==> flow/design.v <==
module sync_sel_unit_stage #(
  parameter DATA_W = 64,
  parameter N = 4,
  parameter SW = $clog2(N)
) (
  input wire ck,
  input wire rst,
  input wire [N*DATA_W-1:0] in_src,
  input wire [SW-1:0] in_select,
  output wire [DATA_W-1:0] out_y
);
  reg [N*DATA_W-1:0] src_d1;
  reg [SW-1:0] select_d1;
  always @(posedge ck) begin
    if (rst) begin
      src_d1 <= 0;
      select_d1 <= 0;
    end else begin
      src_d1 <= in_src;
      select_d1 <= in_select;
    end
  end
  localparam LO_W = N / 2;
  reg [DATA_W-1:0] lsb_d1;
  reg [DATA_W-1:0] high_d1;
  reg select_d1_d;
  reg [DATA_W-1:0] y_d1;
  always @(posedge ck) begin
    if (rst) begin
      lsb_d1 <= 0;
      high_d1 <= 0;
      select_d1_d <= 1'b0;
      y_d1 <= 0;
    end else begin
      lsb_d1 <= src_d1[select_d1[SW-2:0]*DATA_W +: DATA_W];
      high_d1 <= src_d1[(LO_W + select_d1[SW-2:0])*DATA_W +: DATA_W];
      select_d1_d <= select_d1[SW-1];
      y_d1 <= select_d1_d ? high_d1 : lsb_d1;
    end
  end
  assign out_y = y_d1;
endmodule
---- Tool chain data of sync_sel_unit_stage ----
The steps from the RTL of sync_sel_unit_stage to its reports follow in flow order.
Line numbers count from 1 in the design file above.
Library cell names are shortened.
A cell with - has no value.
design
  design top .............................. sync_sel_unit_stage
  clock ................................... ck
  standard-cell library ................... sky130hd
  library corner .......................... tt_025C_1v80

---- Elaborated design ----
Counts by Yosys on the flattened word-level netlist (proc, flatten, opt, wreduce; memories kept). Register bits leave out memories and registers merged into their read ports (data or address); mux counts leave out enables and synchronous resets folded into registers. Print and check cells are left out. Cells with the same type and inputs are merged into one.
cells by class
  mux-type cells .......................... 1
  add/sub/neg operators ................... 1
  shift operators ......................... 2
operator list
  kind                                         number
  indexed select 256 x 10 -> 64 bit            1
  indexed select 256 x 8 -> 64 bit             1
  2-to-1 mux 64 bit                            1
  adder 2 x 1 -> 3 bit (first input constant)  1
bit counts
  output and inout port bits .............. 64
  bits in registers ....................... 451
  elaborated cells ........................ 10
  input port bits ......................... 260

---- Longest topological paths ----
Longest topological path by Yosys (ltp), each cell counted once; first at word level (registers and memories cut), then after technology mapping (sequential cells cut; the memories' decode and read muxes count).
logic depth
  depth after elaboration ................. 2
  ABC_AREA ................................ 0
  gate-level depth with buffers ........... 5

---- Mapped cells and area ----
Source: synth_stat.txt of the flow (Yosys; design flattened, memories mapped). It holds for the ABC_AREA given above (unset counts as 0); a run with the other value may have another netlist.
The area totals of this step are shown rounded.
cell types
  type      number
  dfxtp_1   451
  mux2i_1   192
  nor2b_1   259
  nor2_1    181
  buf_6     25
  buf_12    13
  buf_2     19
  nor2_2    11
  buf_4     5
  clkbuf_1  8
  clkbuf_4  1
mapped netlist
  cell area after synthesis ............... 0.01403 mm^2
  sequential part of the area ............. 0.009029 mm^2
  standard cells after synthesis .......... 1165
  flip-flop cells ......................... 451

---- Timing after synthesis ----
Source: OpenSTA report_checks on the synthesized netlist (no wires, ideal clock, input and output delay 20% of the period each), path of least setup slack; recovery checks are left aside. Register names are those of the netlist, which keeps one name where synthesis merged equal registers.
timing path after synthesis
  path type ............................... register -> register
  start ................................... register select_d1[0]
  end ..................................... register lsb_d1[44]
  path buffers ............................ 2
  path delay .............................. 1.050 ns
  path slack .............................. 0.260 ns
  arrival time ............................ 0.935 ns
  period .................................. 1.31 ns
  stages on the path ...................... 5
  library setup time ...................... 0.115 ns
  period reached after synthesis .......... 1.05 ns
"path delay" is the arrival time less input delay plus setup time.
"stages on the path" counts driving pins, that of a launching flip-flop among them; a cell with two outputs on the path counts twice.
"period reached after synthesis" is the clock period less the worst setup slack; recovery checks do not enter. This is arithmetic on one report: input and output delays are still those of the set period (20% each).
Between the ends stands the longest chain of elaborated cells between them, by number of cells; it is not shown to be the way that was timed. Of several equally long chains one is given.
Each line given opens the expression or statement behind the cell; cells for indexed reads and writes are added by Yosys, which also makes memories of some case tables.
between the ends, after synthesis
  cell sequence ........................... dfxtp_1 buf_6 buf_12 mux2i_1 nor2_2
  cells in the longest elaborated chain ... 1
  elaborated cells on any way between the ends .. 1
  classes of those cells .................. 1 x shift
RTL lines, path after synthesis
  item                              RTL line  source
  start: declaration                13        reg [SW-1:0] select_d1;
  start: assignment                 17        select_d1 <= 0;
  start: assignment                 20        select_d1 <= in_select;
  indexed select 256 x 8 -> 64 bit  35        lsb_d1 <= src_d1[select_d1[SW-2:0]*DATA_W +: DATA_W];
  end: assignment                   30        lsb_d1 <= 0;
  end: assignment                   35
  end: declaration                  24        reg [DATA_W-1:0] lsb_d1;

---- Timing after layout ----
Path of least setup slack in the final report of flow run 1 (OpenROAD, finished layout, wires in). Where an end is a register, its clock arrival counts in the times.
timing path after layout
  path type ............................... register -> output
  start ................................... register y_d1[11]
  end ..................................... output out_y[11]
  path buffers ............................ 1
  external output delay ................... 0.26 ns
  path slack .............................. 0.05 ns
  period .................................. 1.31 ns
  stages on the path ...................... 2
  arrival time ............................ 1.00 ns
between the ends, after layout
  cell sequence ........................... dfxtp_2 buf_2
  cells in the longest elaborated chain ... 0
  elaborated cells on any way between the ends .. 0
RTL lines, path after layout
  item                RTL line  source
  start: declaration  27        reg [DATA_W-1:0] y_d1;
  start: assignment   33        y_d1 <= 0;
  start: assignment   38        y_d1 <= select_d1_d ? high_d1 : lsb_d1;
  end: declaration    10        output wire [DATA_W-1:0] out_y

==> results <==
Design sync_sel_unit_stage on sky130hd. What follows are 3 stored runs of the flow, each under its own settings; their order means nothing. The constraints put input and output delay at 20% of the set period each and load the outputs with 0.01 pF.
"period achieved" is the run's clock period less its worst setup slack. It is reckoned from that one timing run; input and output delays stay at 20% of the period that was set.
"worst path time" is the time allowed to the run's worst setup path (the clock period less input and output delay, where it has them) less its slack. Clock arrival times count: a late capture clock shortens it, a late launch clock lengthens it.
By "total power after layout" is meant OpenSTA's value without simulated activity: inputs other than the clock are taken to toggle once in ten clock periods, and the tool carries that through the logic.
Measured values are rounded.

======== flow run 1 ========
==> flow/run.sh <==
#!/bin/bash
# the make line also repeats the synthesis and layout settings of config.mk as NAME=value (left out here)
make -C /OpenROAD-flow-scripts/flow DESIGN_CONFIG=/design/flow/config.mk WORK_HOME=/design/flow/orfs CLKGATE_MAP_FILE= finish
==> flow/config.mk <==
export PLATFORM = sky130hd
export DESIGN_NAME = sync_sel_unit_stage
export DESIGN_NICKNAME = sync_sel_unit_stage
export VERILOG_FILES = /design/flow/design.v
export SDC_FILE = /design/flow/constraint.sdc
export NUM_CORES = 4
export LEC_CHECK = 0
export CAP_MARGIN = 20
export CORE_MARGIN = 2
export CORE_UTILIZATION = 40
export SLEW_MARGIN = 20
==> flow/constraint.sdc <==
create_clock -name core_clock -period 1.31 [get_ports {ck}]
set_input_delay 0.2620 -clock core_clock [delete_from_list [all_inputs] [get_ports {ck}]]
set_output_delay 0.2620 -clock core_clock [all_outputs]
set_load 0.01 [all_outputs]

-------- measured, flow run 1 --------
  full die area ........................... 0.03659 mm^2
  period achieved ......................... 1.264 ns
  area of the synthesized netlist ......... 0.01403 mm^2
  final setup TNS ......................... 0.000 ns
  worst path time ......................... 1.00 ns
  worst setup path kind ................... register -> output
  setup slack of the critical path ........ 0.046 ns
  standard-cell area after layout ......... 0.01885 mm^2
  utilization ............................. 0.546
  total power after layout ................ 29.58 mW
  smallest hold slack ..................... 0.158 ns

======== flow run 2 ========
==> flow/run.sh <==
#!/bin/bash
# the make line also repeats the synthesis and layout settings of config.mk as NAME=value (left out here)
make -C /OpenROAD-flow-scripts/flow DESIGN_CONFIG=/design/flow/config.mk WORK_HOME=/design/flow/orfs CLKGATE_MAP_FILE= finish
==> flow/config.mk <==
export PLATFORM = sky130hd
export DESIGN_NAME = sync_sel_unit_stage
export DESIGN_NICKNAME = sync_sel_unit_stage
export VERILOG_FILES = /design/flow/design.v
export SDC_FILE = /design/flow/constraint.sdc
export NUM_CORES = 4
export LEC_CHECK = 0
export CAP_MARGIN = 20
export CELL_PAD_IN_SITES_GLOBAL_PLACEMENT = 1
export CORE_ASPECT_RATIO = 0.66
export CORE_MARGIN = 2
export CORE_UTILIZATION = 64
export CTS_CLUSTER_DIAMETER = 349
export GPL_TIMING_DRIVEN = 1
export PLACE_DENSITY = 0.41
export SLEW_MARGIN = 20
export TNS_END_PERCENT = 5
==> flow/constraint.sdc <==
create_clock -name core_clock -period 1.81 [get_ports {ck}]
set_input_delay 0.3620 -clock core_clock [delete_from_list [all_inputs] [get_ports {ck}]]
set_output_delay 0.3620 -clock core_clock [all_outputs]
set_load 0.01 [all_outputs]

-------- flow run 2 --------
  not finished: placement ended with error GPL-0301

======== flow run 3 ========
==> flow/run.sh <==
#!/bin/bash
# the make line also repeats the synthesis and layout settings of config.mk as NAME=value (left out here)
make -C /OpenROAD-flow-scripts/flow DESIGN_CONFIG=/design/flow/config.mk WORK_HOME=/design/flow/orfs CLKGATE_MAP_FILE= finish
==> flow/config.mk <==
export PLATFORM = sky130hd
export DESIGN_NAME = sync_sel_unit_stage
export DESIGN_NICKNAME = sync_sel_unit_stage
export VERILOG_FILES = /design/flow/design.v
export SDC_FILE = /design/flow/constraint.sdc
export NUM_CORES = 4
export LEC_CHECK = 0
export CAP_MARGIN = 20
export CORE_ASPECT_RATIO = 0.65
export CORE_MARGIN = 2
export CORE_UTILIZATION = 62
export CTS_CLUSTER_SIZE = 98
export GPL_ROUTABILITY_DRIVEN = 0
export GPL_TIMING_DRIVEN = 1
export MAX_ROUTING_LAYER = met4
export MIN_ROUTING_LAYER = met1
export PLACE_DENSITY_LB_ADDON = 0.05
export SETUP_SLACK_MARGIN = 0.4
export SLEW_MARGIN = 30
==> flow/constraint.sdc <==
create_clock -name core_clock -period 1.42 [get_ports {ck}]
set_input_delay 0.2840 -clock core_clock [delete_from_list [all_inputs] [get_ports {ck}]]
set_output_delay 0.2840 -clock core_clock [all_outputs]
set_load 0.01 [all_outputs]

-------- measured, flow run 3 --------
  full die area ........................... 0.02388 mm^2
  period achieved ......................... 1.296 ns
  area of the synthesized netlist ......... 0.01403 mm^2
  final setup TNS ......................... 0.000 ns
  worst path time ......................... 1.30 ns
  worst setup path kind ................... register -> register
  setup slack of the critical path ........ 0.124 ns
  standard-cell area after layout ......... 0.01998 mm^2
  utilization ............................. 0.898
  total power after layout ................ 26.78 mW
  smallest hold slack ..................... 0.055 ns
